==> flow/design.v <==
module ex_comparator_v2 #(
   parameter int WIDTH = 12,
   parameter int NUM = 7
) (
   input  logic i_clk,
   input  logic [NUM*WIDTH-1:0] in,
   output logic [WIDTH-1:0] max_o
);
   logic [NUM*WIDTH-1:0] in_r;
   wire [WIDTH-1:0] n_ [1:2*NUM-1];
   for (genvar gi = 0; gi < NUM; gi++) begin : lane
      assign n_[NUM+gi] = in_r[gi*WIDTH +: WIDTH];
   end
   for (genvar gi = 1; gi < NUM; gi++) begin : u_g
      assign n_[gi] = (n_[2*gi] > n_[2*gi+1]) ? n_[2*gi] : n_[2*gi+1];
   end
   assign max_o = n_[1];
   always_ff @(posedge i_clk)
      in_r <= in;
endmodule
### Step by step through the tools: ex_comparator_v2

Tool output for the design above, in the order of the flow.
Line numbers count from 1 in the design file above.
Operators: Yosys type, input widths -> output width; for muxes data width and select width s.
Library cell names are shortened.
A cell with - has no value.

* design top: ex_comparator_v2
* clock input: i_clk
* standard-cell library: sky130hd
* library corner: tt_025C_1v80

### Word-level counts

Source: Yosys, flattened and elaborated. Widths are those after wreduce; folded enables and synchronous resets count as part of the registers. Registers that Yosys merges into a memory's read port (data or address) are not register bits. Print and check cells do not count. Equal cells are merged and count once.

* flip-flop bits (word level): 84
* output and inout bits: 12

* order comparisons: 6
* muxes and demuxes: 6

Operator list (number)
* $gt 12x12->1: 6
* $mux 12: 6

### Logic depth

Longest topological path by Yosys (ltp), each cell counted once; first at word level (registers and memories cut), then after technology mapping (sequential cells cut; the memories' decode and read muxes count).

* depth in word-level cells: 6
* ABC_AREA: 0
* mapped depth: 26
* depth with buffers taken out: 23

### After synthesis

Yosys stat after the flow's synthesis: flattened, memories mapped to cells. It holds for the ABC_AREA given above (unset counts as 0); a run with the other value may have another netlist.
The area totals of this step are shown rounded.

* standard cells after synthesis: 434
* mapped area: 4410 µm²
* sequential area: 1680 µm²
* flip-flop cells: 84

Cell types (number)
* dfxtp_1: 84
* ha_1: 72
* mux2i_1: 38
* inv_1: 72
* mux2i_4: 7
* a21oi_1: 25
* nand4_1: 16
* a22o_1: 11
* o22a_1: 11
* nand2_1: 18
* o21ai_0: 13
* nand3_1: 11
* mux2i_2: 3
* o211ai_1: 5
* nor2b_1: 5
* a21o_1: 4
* a2111oi_0: 3
* clkbuf_1: 6

Other cell types: 17; their cells: 30.

### Path before layout

Path of least setup slack by OpenSTA after synthesis, without wires, with an ideal clock, recovery checks aside; 20% of the period is set as input and as output delay. Where synthesis merged equal registers, the netlist keeps one of their names.

* path kind: reg-to-output
* start point: register in_r[29]
* end point: output max_o[10]
* period: 8.6 ns
* output delay: 1.720 ns
* time at the first pin: 0.000 ns
* arrival time: 5.506 ns
* required time: 6.880 ns
* setup slack: 1.374 ns
* path delay: 5.506 ns
* driving pins on the path: 26
* period reached after synthesis: 7.226 ns

"path delay" is the arrival time less input delay plus setup time.
A path that ends at an output port has no setup time.
"driving pins on the path" counts driving pins, that of a launching flip-flop among them; a cell with two outputs on the path counts twice.
"period reached after synthesis" is the clock period less the worst setup slack; recovery checks do not enter. This is arithmetic on one report: input and output delays are still those of the set period (20% each).
Between the ends stands the longest chain of elaborated cells between them, by number of cells; it is not shown to be the way that was timed. Of several equally long chains one is given.
A line is the first line of the expression or statement that the cell stems from. Yosys adds cells for indexed reads and writes and turns some case tables into memories.

* path through: dfxtp_1 -> inv_1 -> ha_1 -> a21o_1 -> a221o_1 -> a221o_1 -> o22ai_2 -> buf_6 -> mux2i_1 -> inv_1 -> ha_1 -> a21o_1 -> nand3_1 -> a21oi_1 -> a2111oi_0 -> nor2_1 -> buf_8 -> mux2i_2 -> ha_1 -> nor2b_1 -> o211ai_1 -> a211oi_1 -> a2111oi_0 -> nor2_1 -> clkbuf_1 -> a22o_1
* cells in the longest elaborated chain: 6
* elaborated cells between the ends (all ways): 6
* classes of those cells: compare: 3; mux: 3

Ends and longest elaborated chain, post-synthesis
* from (decl): line 9 `logic [NUM*WIDTH-1:0] in_r;`
* from (assign): line 19 `in_r <= in;`
* $gt 12x12->1: line 15 `assign n_[gi] = (n_[2*gi] > n_[2*gi+1]) ? n_[2*gi] : n_[2*gi+1];`
* $mux 12: line 15
* $gt 12x12->1: line 15
* $mux 12: line 15
* $gt 12x12->1: line 15
* $mux 12: line 15
* to (decl): line 7 `output logic [WIDTH-1:0] max_o`

### Path in the finished layout

Path of least setup slack in the final report of stored run 1 (OpenROAD, finished layout, wires in). Where an end is a register, its clock arrival counts in the times.

* path kind: reg-to-output
* start point: register in_r[31]
* end point: output max_o[11]
* period: 8.6 ns
* output delay: 1.72 ns
* time at the first pin: 0.36 ns
* arrival time: 6.49 ns
* required time: 6.88 ns
* setup slack: 0.39 ns
* driving pins on the path: 27

Between the ends stands the longest chain of elaborated cells between them, by number of cells; it is not shown to be the way that was timed. Of several equally long chains one is given.

* path through: dfxtp_1 -> inv_1 -> ha_1 -> and2_1 -> a221o_1 -> a221o_1 -> o22ai_4 -> buf_4 -> mux2i_1 -> inv_1 -> ha_1 -> o211ai_1 -> a211oi_1 -> a2111oi_2 -> nor2_2 -> buf_4 -> buf_4 -> mux2i_4 -> ha_1 -> a21o_1 -> nand3_1 -> a21oi_1 -> a2111oi_4 -> buf_6 -> o22a_1 -> a22o_1 -> clkdlybuf4s50_1
* cells in the longest elaborated chain: 6
* elaborated cells between the ends (all ways): 6
* classes of those cells: compare: 3; mux: 3

Ends and longest elaborated chain, post-layout
* from (decl): line 9 `logic [NUM*WIDTH-1:0] in_r;`
* from (assign): line 19 `in_r <= in;`
* $gt 12x12->1: line 15 `assign n_[gi] = (n_[2*gi] > n_[2*gi+1]) ? n_[2*gi] : n_[2*gi+1];`
* $mux 12: line 15
* $gt 12x12->1: line 15
* $mux 12: line 15
* $gt 12x12->1: line 15
* $mux 12: line 15
* to (decl): line 7 `output logic [WIDTH-1:0] max_o`

Top module ex_comparator_v2; platform sky130hd; tools Yosys and OpenROAD; 3 stored runs in no particular order. Input and output delays are each 20% of the period that was set; the output load is 0.01 pF.
By "clock period reached" is meant the clock period of the run minus its worst setup slack. This is arithmetic on one report: input and output delays are still those of the set period (20% each).
By "total power of the final layout" is meant OpenSTA's value without simulated activity: inputs other than the clock are taken to toggle once in ten clock periods, and the tool carries that through the logic.
The measured numbers are rounded.

### Stored run 1

Settings: `period_ns=8.6`, `CAP_MARGIN=20`, `CORE_MARGIN=2`, `CORE_UTILIZATION=40`, `SLEW_MARGIN=20`

- Total die area: 11900 µm²
- Total power of the final layout: 1170 uW
- Post-route utilization: 0.541
- Clock period reached: 8.211 ns
- Synthesis area: 4410 µm²
- Worst hold slack in the final report: 1.80 ns
- Worst slack on setup checks: 0.389 ns
- Final setup TNS: 0.000 ns

### Stored run 2

Settings: `period_ns=8.24`, `CORE_UTILIZATION=48`, `SETUP_SLACK_MARGIN=-0.16`, `PLACE_DENSITY_LB_ADDON=0.01`, `CORE_ASPECT_RATIO=1.82`, `CELL_PAD_IN_SITES_GLOBAL_PLACEMENT=2`, `ABC_AREA=1`, `GPL_TIMING_DRIVEN=1`, `GPL_ROUTABILITY_DRIVEN=0`, `CTS_CLUSTER_SIZE=99`, `CTS_CLUSTER_DIAMETER=288`, `CAP_MARGIN=40`, `SLEW_MARGIN=20`, `MIN_ROUTING_LAYER=met1`, `CORE_MARGIN=2`

Did not finish, placement stopped with FLW-0024.

### Stored run 3

Settings: `period_ns=7.7`, `CORE_UTILIZATION=52`, `SETUP_SLACK_MARGIN=1.65`, `PLACE_DENSITY_LB_ADDON=0.12`, `CORE_ASPECT_RATIO=0.89`, `TNS_END_PERCENT=85`, `ABC_AREA=0`, `GPL_ROUTABILITY_DRIVEN=1`, `CTS_CLUSTER_SIZE=39`, `MAX_ROUTING_LAYER=met5`, `CAP_MARGIN=20`, `CORE_MARGIN=2`, `SLEW_MARGIN=20`

- Total die area: 9230 µm²
- Total power of the final layout: 1540 uW
- Post-route utilization: 0.841
- Clock period reached: 7.448 ns
- Synthesis area: 4410 µm²
- Worst hold slack in the final report: 1.60 ns
- Worst slack on setup checks: 0.252 ns
- Final setup TNS: 0.000 ns
